==> flow/design.v <==
module storage_rtl (CLK, i_rst, i_wen, i_write_addr, i_wdata, i_rsel_a, i_rsel_b, o_dout_a, o_dout_b);
   parameter ENTRIES = 10;
   parameter XLEN = 16;
   localparam AW = $clog2(ENTRIES);
   input CLK;
   input i_rst;
   input i_wen;
   input [AW-1:0] i_write_addr;
   input [XLEN-1:0] i_wdata;
   input [AW-1:0] i_rsel_a;
   input [AW-1:0] i_rsel_b;
   output [XLEN-1:0] o_dout_a;
   output [XLEN-1:0] o_dout_b;
   reg [XLEN-1:0] ram [0:ENTRIES-1];
   integer k;
   always @(posedge CLK) begin
      if (i_rst) begin
         for (k = 0; k < ENTRIES; k = k + 1)
            ram[k] <= 0;
      end else if (i_wen) begin
         ram[i_write_addr] <= i_wdata;
      end
   end
   reg [XLEN-1:0] r_dout_a;
   always @(posedge CLK) begin
      if (i_rst) begin
         r_dout_a <= 0;
      end else begin
         r_dout_a <= ram[i_rsel_a];
      end
   end
   assign o_dout_a = r_dout_a;
   reg [XLEN-1:0] r_dout_b;
   always @(posedge CLK) begin
      if (i_rst) begin
         r_dout_b <= 0;
      end else begin
         r_dout_b <= ram[i_rsel_b];
      end
   end
   assign o_dout_b = r_dout_b;
endmodule
-- From RTL to reports: storage_rtl
What the tools print for storage_rtl, step after step.
Line numbers count from 1 in the design file above.
Library cell names are shortened.
The mark n/a stands for no value.
- top module: storage_rtl
- clock input: CLK
- library: sky130hd
- corner: tt_025C_1v80

-- Word level
Yosys after proc, flatten, opt, wreduce and memory -nomap, before mapping. Enables and synchronous resets that opt folds into registers are not counted as muxes. Memory bits, and registers merged into a memory's read port (data or address), are not among the register bits. Print and check cells are not counted. Equal cells are merged and count once.
Memory sizes are those after Yosys's memory passes, which may raise the word count (mostly to a power of two), join words into wider ones and drop unused or constant bits.
- muxes and demuxes at 10
- reductions and logical operators: 1
- operators with widths (operator ; number):
    16-bit 2-to-1 mux ; 3
    16-bit OR reduction ; 1
    4-bit 2-to-1 mux ; 3
    1-bit 2-to-1 mux ; 4
- noted register bits: 0
- input port bits: 31
- noted memories: 1
- noted elaborated cells: 12
- bits in writable memories: 256
- memories (memory ; depth ; bits a word ; line ; text):
    ram ; 16 ; 16 ; 14 ; reg [XLEN-1:0] ram [0:ENTRIES-1];

-- Depth
Yosys ltp: most cells in a row. Word level: on the elaborated netlist, between registers, memories and ports. Mapped: between sequential cells and ports; inverters and the memories' decode and read muxes count.
- depth in word-level cells: 4
- ABC_AREA at 0
- noted gate-level depth with buffers: 7
- mapped depth without buffers: 4

-- Synthesis result
Yosys stat after the flow's synthesis: flattened, memories mapped to cells. It holds for the ABC_AREA given above (unset counts as 0); a run with the other value may have another netlist.
- cells by type (type ; number ; total area (um2)):
    edfxtp_1 ; 256 ; 7.69E+03
    mux4_2 ; 79 ; 1.78E+03
    mux2i_1 ; 108 ; 1.08E+03
    dfxtp_1 ; 32 ; 640.614
    nor2_1 ; 152 ; 570.547
    nand2_1 ; 57 ; 213.955
    a22oi_1 ; 20 ; 150.144
    buf_6 ; 12 ; 135.13
    mux2_2 ; 12 ; 135.13
    buf_2 ; 22 ; 110.106
    a221oi_1 ; 12 ; 105.101
    o221ai_1 ; 12 ; 105.101
    o22ai_1 ; 16 ; 100.096
    a21oi_1 ; 16 ; 80.077
    nand2b_1 ; 12 ; 75.072
    nor2b_1 ; 10 ; 62.56
    inv_1 ; 16 ; 60.058
    o21ai_0 ; 11 ; 55.053
Not listed: further types 19, cells in them 53.
- mapped cells at 908
- noted mapped flip-flops: 288
- chip area (Yosys) at 13524.2 um2
- sequential part of the area: 8328.0 um2
- buffers: 64

-- Path before layout
Source: OpenSTA report_checks on the synthesized netlist (no wires, ideal clock, input and output delay 20% of the period each), path of least setup slack; recovery checks are left aside. Register names are those of the netlist, which keeps one name where synthesis merged equal registers.
- path type: input-to-reg
- start: input i_wen
- end: memory (no name shown)
- data required time: 2.761 ns
- stages at 4
- noted launch time at the first pin: 0.634 ns
- arrival: 2.254 ns
- noted input delay: 0.634 ns
- path slack at 0.507 ns
- path delay at 2.029 ns
- noted setup time: 0.409 ns
- period: 3.17 ns
- noted synthesis period reached: 2.663 ns
"path delay" is the arrival time less input delay plus setup time.
"stages" counts driving pins, that of a launching flip-flop among them; a cell with two outputs on the path counts twice.
"synthesis period reached" = period - worst setup slack (recovery checks aside). The figure is calculated, with input and output delays left at 20% of the set period.
Between the ends stands the longest chain of elaborated cells between them, by number of cells; it is not shown to be the way that was timed. Of several equally long chains one is given.
A line is the first line of the expression or statement that the cell stems from. Yosys adds cells for indexed reads and writes and turns some case tables into memories.
The path ends at the enable pin of a flip-flop; only ways to that pin are counted.
- path through: nor2b_1 > buf_2 > nand3_1 > nor3_1
- length of the longest elaborated chain at 4
- ends and longest elaborated chain, after synthesis (what ; line ; text):
    start: declaration ; 7 ; input i_wen;
    1-bit 2-to-1 mux ; 20 ; end else if (i_wen) begin
    1-bit 2-to-1 mux ; 17 ; if (i_rst) begin
    16-bit OR reduction ; n/a ;
    4-bit 2-to-1 mux ; n/a ;

-- Timing after layout
From the final timing report of run 1: the path of least setup slack in the routed layout; clock arrival at registers is part of the times.
- path type: reg-to-output
- start: register r_dout_b[0]
- end: output o_dout_b[0]
- noted launch time at the first pin: 0.53 ns
- stages at 2
- arrival: 1.41 ns
- path slack at 0.03 ns
- data required time: 1.44 ns
- period: 1.8 ns
- path through: dfxtp_1 > clkdlybuf4s50_1
- length of the longest elaborated chain at 0
- ends and longest elaborated chain, after layout (what ; line ; text):
    start: declaration ; 33 ; reg [XLEN-1:0] r_dout_b;
    end: declaration ; 13 ; output [XLEN-1:0] o_dout_b;

==> results <==
3 stored runs of storage_rtl in the flow (synthesis by Yosys, layout by OpenROAD, sky130hd cells), in arbitrary order. Constraints: input delay and output delay 20% of the set period each, output load 0.01 pF.
"achieved period" is the run's clock period less its worst setup slack. It is reckoned from that one timing run; input and output delays stay at 20% of the period that was set.
By "worst path time" is meant the share of the clock period that the worst setup path is allowed (20% is reserved at inputs, 20% at outputs), minus its slack. Clock arrival times at its registers enter into it.
"total power of the final layout" rests on the timing tool's default activity at the inputs, not on a simulated workload.

Run 1
Settings were period_ns = 1.8; CORE_UTILIZATION = 36; PLACE_DENSITY = 0.93; CORE_ASPECT_RATIO = 1.91; GPL_TIMING_DRIVEN = 1; CTS_CLUSTER_DIAMETER = 367; CAP_MARGIN = 0; CORE_MARGIN = 2; SLEW_MARGIN = 20
- noted the synthesized cell area: 13,524.2 um2
- achieved period at 1.767 ns
- noted the final worst hold slack: 0.263 ns
- lowest setup slack: 0.033 ns
- utilization: 0.438
- post-route setup TNS: 0.000 ns
- worst path time: 1.41 ns
- type of the worst setup path: reg-to-output
- standard-cell area after layout: 16,344.4 um2
- die outline area at 39,215.9 um2
- total power of the final layout: 14.515 mW

Run 2
Settings were period_ns = 3.17; CAP_MARGIN = 20; CORE_MARGIN = 2; CORE_UTILIZATION = 40; SLEW_MARGIN = 20
- worst path time: 1.65 ns
- type of the worst setup path: input-to-reg
- noted the final worst hold slack: 0.669 ns
- utilization: 0.479
- achieved period at 2.285 ns
- post-route setup TNS: 0.000 ns
- total power of the final layout: 9.407 mW
- die outline area at 35,297.0 um2
- standard-cell area after layout: 16,014.1 um2
- noted the synthesized cell area: 13,524.2 um2
- lowest setup slack: 0.885 ns

Run 3
Settings were period_ns = 1.85; CORE_UTILIZATION = 26; SETUP_SLACK_MARGIN = 0.23; PLACE_DENSITY_LB_ADDON = 0.24; CORE_ASPECT_RATIO = 0.53; CELL_PAD_IN_SITES_GLOBAL_PLACEMENT = 3; CELL_PAD_IN_SITES_DETAIL_PLACEMENT = 1; TNS_END_PERCENT = 10; SLEW_MARGIN = 35; CAP_MARGIN = 20; CORE_MARGIN = 2
- noted the synthesized cell area: 13,524.2 um2
- achieved period at 1.670 ns
- post-route setup TNS: 0.000 ns
- worst path time: 1.30 ns
- type of the worst setup path: input-to-reg
- utilization: 0.342
- die outline area at 53,950.3 um2
- lowest setup slack: 0.180 ns
- total power of the final layout: 15.217 mW
- noted the final worst hold slack: 0.285 ns
- standard-cell area after layout: 17,436.7 um2
